==> flow/design.v <==
module u_times_mod #(
    parameter WIDTH = 4,
    parameter GUARD = 2
) (
    input wire clk,
    input wire resetn,
    input wire [WIDTH-1:0] op_a_i,
    input wire [WIDTH-1:0] op_b_i,
    input wire start_i,
    output wire [2*WIDTH+GUARD-1:0] mul_o
);
    wire [2*WIDTH-1:0] val;
    assign val = op_a_i * op_b_i;
    reg [2*WIDTH+GUARD-1:0] total;
    always @(posedge clk) begin
        if (!resetn) begin
            total <= 0;
        end else begin
            total <= start_i ? val : total + val;
        end
    end
    assign mul_o = total;
endmodule
# Tool chain data of u_times_mod
# The steps from the RTL of u_times_mod to its reports follow in flow order.
# Line numbers count from 1 in the design file above.
# Library cell names are shortened.
# The mark -- stands for no value.
dict set report inputs {
  design {u_times_mod}
  clk_port {clk}
  lib {sky130hd}
  lib_corner {tt_025C_1v80}
}

# After elaboration
# Source: Yosys, flattened and elaborated, memories not mapped. Widths are those after wreduce. Registers that Yosys merges into a memory's read port (data or address) are not register bits. Print and check cells do not count. Equal cells are merged and count once.
dict set report bits {
  out_inout_bits 10
  regBits 10
  in_bits 11
}
dict set report classes {
  n_addsub 1
  multipliers 1
  reduce_logical 1
  logic 1
  n_mux 1
}
# operator n
set op_table {}
lappend op_table {{4-bit by 4-bit multiplier with 8-bit output} 1}
lappend op_table {{10-bit by 8-bit adder with 10-bit output} 1}
lappend op_table {{8-bit two-way mux} 1}
lappend op_table {{2-bit OR reduction} 1}
lappend op_table {{1-bit NOT} 1}

# Depth
# Yosys ltp: most cells in a row. Word level: on the elaborated netlist, between registers, memories and ports. Mapped: between sequential cells and ports; inverters and the memories' decode and read muxes count.
dict set report logic_depth {
  depth_word 3
  ABC_AREA 0
  mapped_depth 14
  mapped_depth_nobuf 14
}

# Netlist
# The flow's flattened synthesis, as Yosys stat reports it; memories are mapped. The netlist is that of the ABC_AREA named above (0 if unset); the other value can give another one.
# The area totals of this step are shown rounded.
# cell n area_total_um2
set types {}
lappend types {ha_1 20 250.24}
lappend types {dfxtp_1 10 200.192}
lappend types {fa_1 5 100.096}
lappend types {and2_1 14 87.584}
lappend types {mux2i_1 5 50.048}
lappend types {nor2_1 13 48.797}
lappend types {xnor2_1 4 35.034}
lappend types {nand2_1 9 33.782}
lappend types {a211oi_1 4 30.029}
lappend types {inv_1 8 30.029}
lappend types {nand2b_1 4 25.024}
lappend types {o21ai_0 5 25.024}
lappend types {or3_1 4 25.024}
lappend types {a21o_1 3 22.522}
lappend types {and3_2 3 22.522}
lappend types {o31a_1 2 17.517}
lappend types {a2111oi_2 1 15.014}
lappend types {a21oi_1 3 15.014}
# Other cell types: 23; their cells: 29.
dict set report synth_totals {
  seq_area_um2 200
  ffs 10
  stdcells 146
  synth_area_um2 1260
}

# Worst setup path after synthesis
# Path of least setup slack by OpenSTA after synthesis, without wires, with an ideal clock, recovery checks aside; 20% of the period is set as input and as output delay. Where synthesis merged equal registers, the netlist keeps one of their names.
dict set report synth_timing {
  kind {input-to-reg}
  startpoint {input port op_a_i[0]}
  endpoint {register total[6]}
  n_path_buf 0
  path_stages 13
  setup_ps 120
  arrival_time_ps 4541
  path_delay_ps 3551
  slack_ps 889
  t_required_ps 5430
  period_ps 5550
  period_less_setup_slack_ps 4661
}
# "path_delay_ps" = arrival - input delay + setup time.
# "path_stages" counts driving pins, that of a launching flip-flop among them; a cell with two outputs on the path counts twice.
# "period_less_setup_slack_ps" is the clock period less the worst setup slack; recovery checks do not enter. This is arithmetic on one report: input and output delays are still those of the set period (20% each).
# The rows between start and end are the longest chain of elaborated cells between them; the timing report does not say that the signal goes this way. Where chains are equally long, one stands for them.
# Each line given opens the expression or statement behind the cell; cells for indexed reads and writes are added by Yosys, which also makes memories of some case tables.
dict set report synth_via {
  path_cell_list {nand2_1 -> fa_1 -> inv_1 -> fa_1 -> ha_1 -> a211oi_1 -> o21ba_2 -> nor2_1 -> ha_1 -> and3_1 -> a221o_1 -> mux2_4 -> o31a_1}
  elab_chain_cells 3
}
# element line
set synth_rtl {}
lappend synth_rtl {{start, declared} 7} ;# input wire [WIDTH-1:0] op_a_i,
lappend synth_rtl {{4-bit by 4-bit multiplier with 8-bit output} 13} ;# assign val = op_a_i * op_b_i;
lappend synth_rtl {{10-bit by 8-bit adder with 10-bit output} 19} ;# total <= start_i ? val : total + val;
lappend synth_rtl {{8-bit two-way mux} 19}
lappend synth_rtl {{end, assigned} 17} ;# total <= 0;
lappend synth_rtl {{end, assigned} 19}
lappend synth_rtl {{end, declared} 14} ;# reg [2*WIDTH+GUARD-1:0] total;

# Timing after layout
# Path of least setup slack in the final report of run 1 (OpenROAD, finished layout, wires in). Where an end is a register, its clock arrival counts in the times.
# The report prints the path's times to 10 ps; the period is as set.
dict set report layout_timing {
  kind {input-to-reg}
  startpoint {input port op_a_i[3]}
  endpoint {register total[8]}
  t_required_ps 7300
  period_ps 7090
  slack_ps 2100
  n_path_buf 1
  arrival_time_ps 5200
  path_stages 13
  setup_ps 90
}
# The rows between start and end are the longest chain of elaborated cells between them; the timing report does not say that the signal goes this way. Where chains are equally long, one stands for them.
dict set report layout_via {
  path_cell_list {clkdlybuf4s50_1 -> and2_1 -> fa_1 -> ha_1 -> ha_1 -> o21ai_2 -> nor2_1 -> nor2_1 -> ha_1 -> and3_1 -> a221o_1 -> o41ai_2 -> mux2i_1}
  elab_chain_cells 2
}
# element line
set layout_rtl {}
lappend layout_rtl {{start, declared} 7} ;# input wire [WIDTH-1:0] op_a_i,
lappend layout_rtl {{4-bit by 4-bit multiplier with 8-bit output} 13} ;# assign val = op_a_i * op_b_i;
lappend layout_rtl {{10-bit by 8-bit adder with 10-bit output} 19} ;# total <= start_i ? val : total + val;
lappend layout_rtl {{end, assigned} 17} ;# total <= 0;
lappend layout_rtl {{end, assigned} 19}
lappend layout_rtl {{end, declared} 14} ;# reg [2*WIDTH+GUARD-1:0] total;

; Flow measurements of u_times_mod on sky130hd: 3 stored runs with different settings, listed in no order. Input and output delays are each 20% of the period that was set; the output load is 0.01 pF.
; "clock_period_reached_ps": clock period set for the run, less the worst setup slack. It is reckoned from that one timing run; input and output delays stay at 20% of the period that was set.
; "worst_path_ps" is the time allowed to the run's worst setup path (the clock period less input and output delay, where it has them) less its slack. Clock arrival times count: a late capture clock shortens it, a late launch clock lengthens it.
; "design_power_uw" is the tool's figure for a default switching activity; nothing was simulated.
; "worst_path_ps" is given in steps of 10 ps.
; Values from the reports are rounded here.

[run 1: settings]
period_ns = 7.09
CORE_UTILIZATION = 40
SETUP_SLACK_MARGIN = 2.01
PLACE_DENSITY_LB_ADDON = 0.29
CELL_PAD_IN_SITES_GLOBAL_PLACEMENT = 0
CELL_PAD_IN_SITES_DETAIL_PLACEMENT = 2
TNS_END_PERCENT = 45
CAP_MARGIN = 15
MAX_ROUTING_LAYER = met5
CORE_MARGIN = 2
SLEW_MARGIN = 20
[run 1: results]
clock_period_reached_ps = 4987
yosys_chip_area_um2 = 1260
worst_path_ps = 3570
path_kind = input-to-reg
setup_tns_ps = 0
design_power_uw = 382
hold_worst_slack_ps = 544
die_footprint_um2 = 3620
utilization_pct = 55.2
timing.setup.ws_ps = 2100
finalCellArea_um2 = 1670

[run 2: settings]
period_ns = 5.27
CORE_UTILIZATION = 16
SETUP_SLACK_MARGIN = -0.3
PLACE_DENSITY_LB_ADDON = 0.19
CORE_ASPECT_RATIO = 0.76
CORE_MARGIN = 3
ABC_AREA = 1
GPL_ROUTABILITY_DRIVEN = 1
CAP_MARGIN = 25
SLEW_MARGIN = 30
MIN_ROUTING_LAYER = met2
[run 2: results]
clock_period_reached_ps = 4557
yosys_chip_area_um2 = 1230
worst_path_ps = 3500
path_kind = input-to-reg
setup_tns_ps = 0
design_power_uw = 446
hold_worst_slack_ps = 530
die_footprint_um2 = 8820
utilization_pct = 22.0
timing.setup.ws_ps = 713
finalCellArea_um2 = 1620

[run 3: settings]
period_ns = 5.55
CAP_MARGIN = 20
CORE_MARGIN = 2
CORE_UTILIZATION = 40
SLEW_MARGIN = 20
[run 3: results]
clock_period_reached_ps = 5109
yosys_chip_area_um2 = 1260
worst_path_ps = 4000
path_kind = input-to-reg
setup_tns_ps = 0
design_power_uw = 368
hold_worst_slack_ps = 480
die_footprint_um2 = 3620
utilization_pct = 50.5
timing.setup.ws_ps = 441
finalCellArea_um2 = 1530
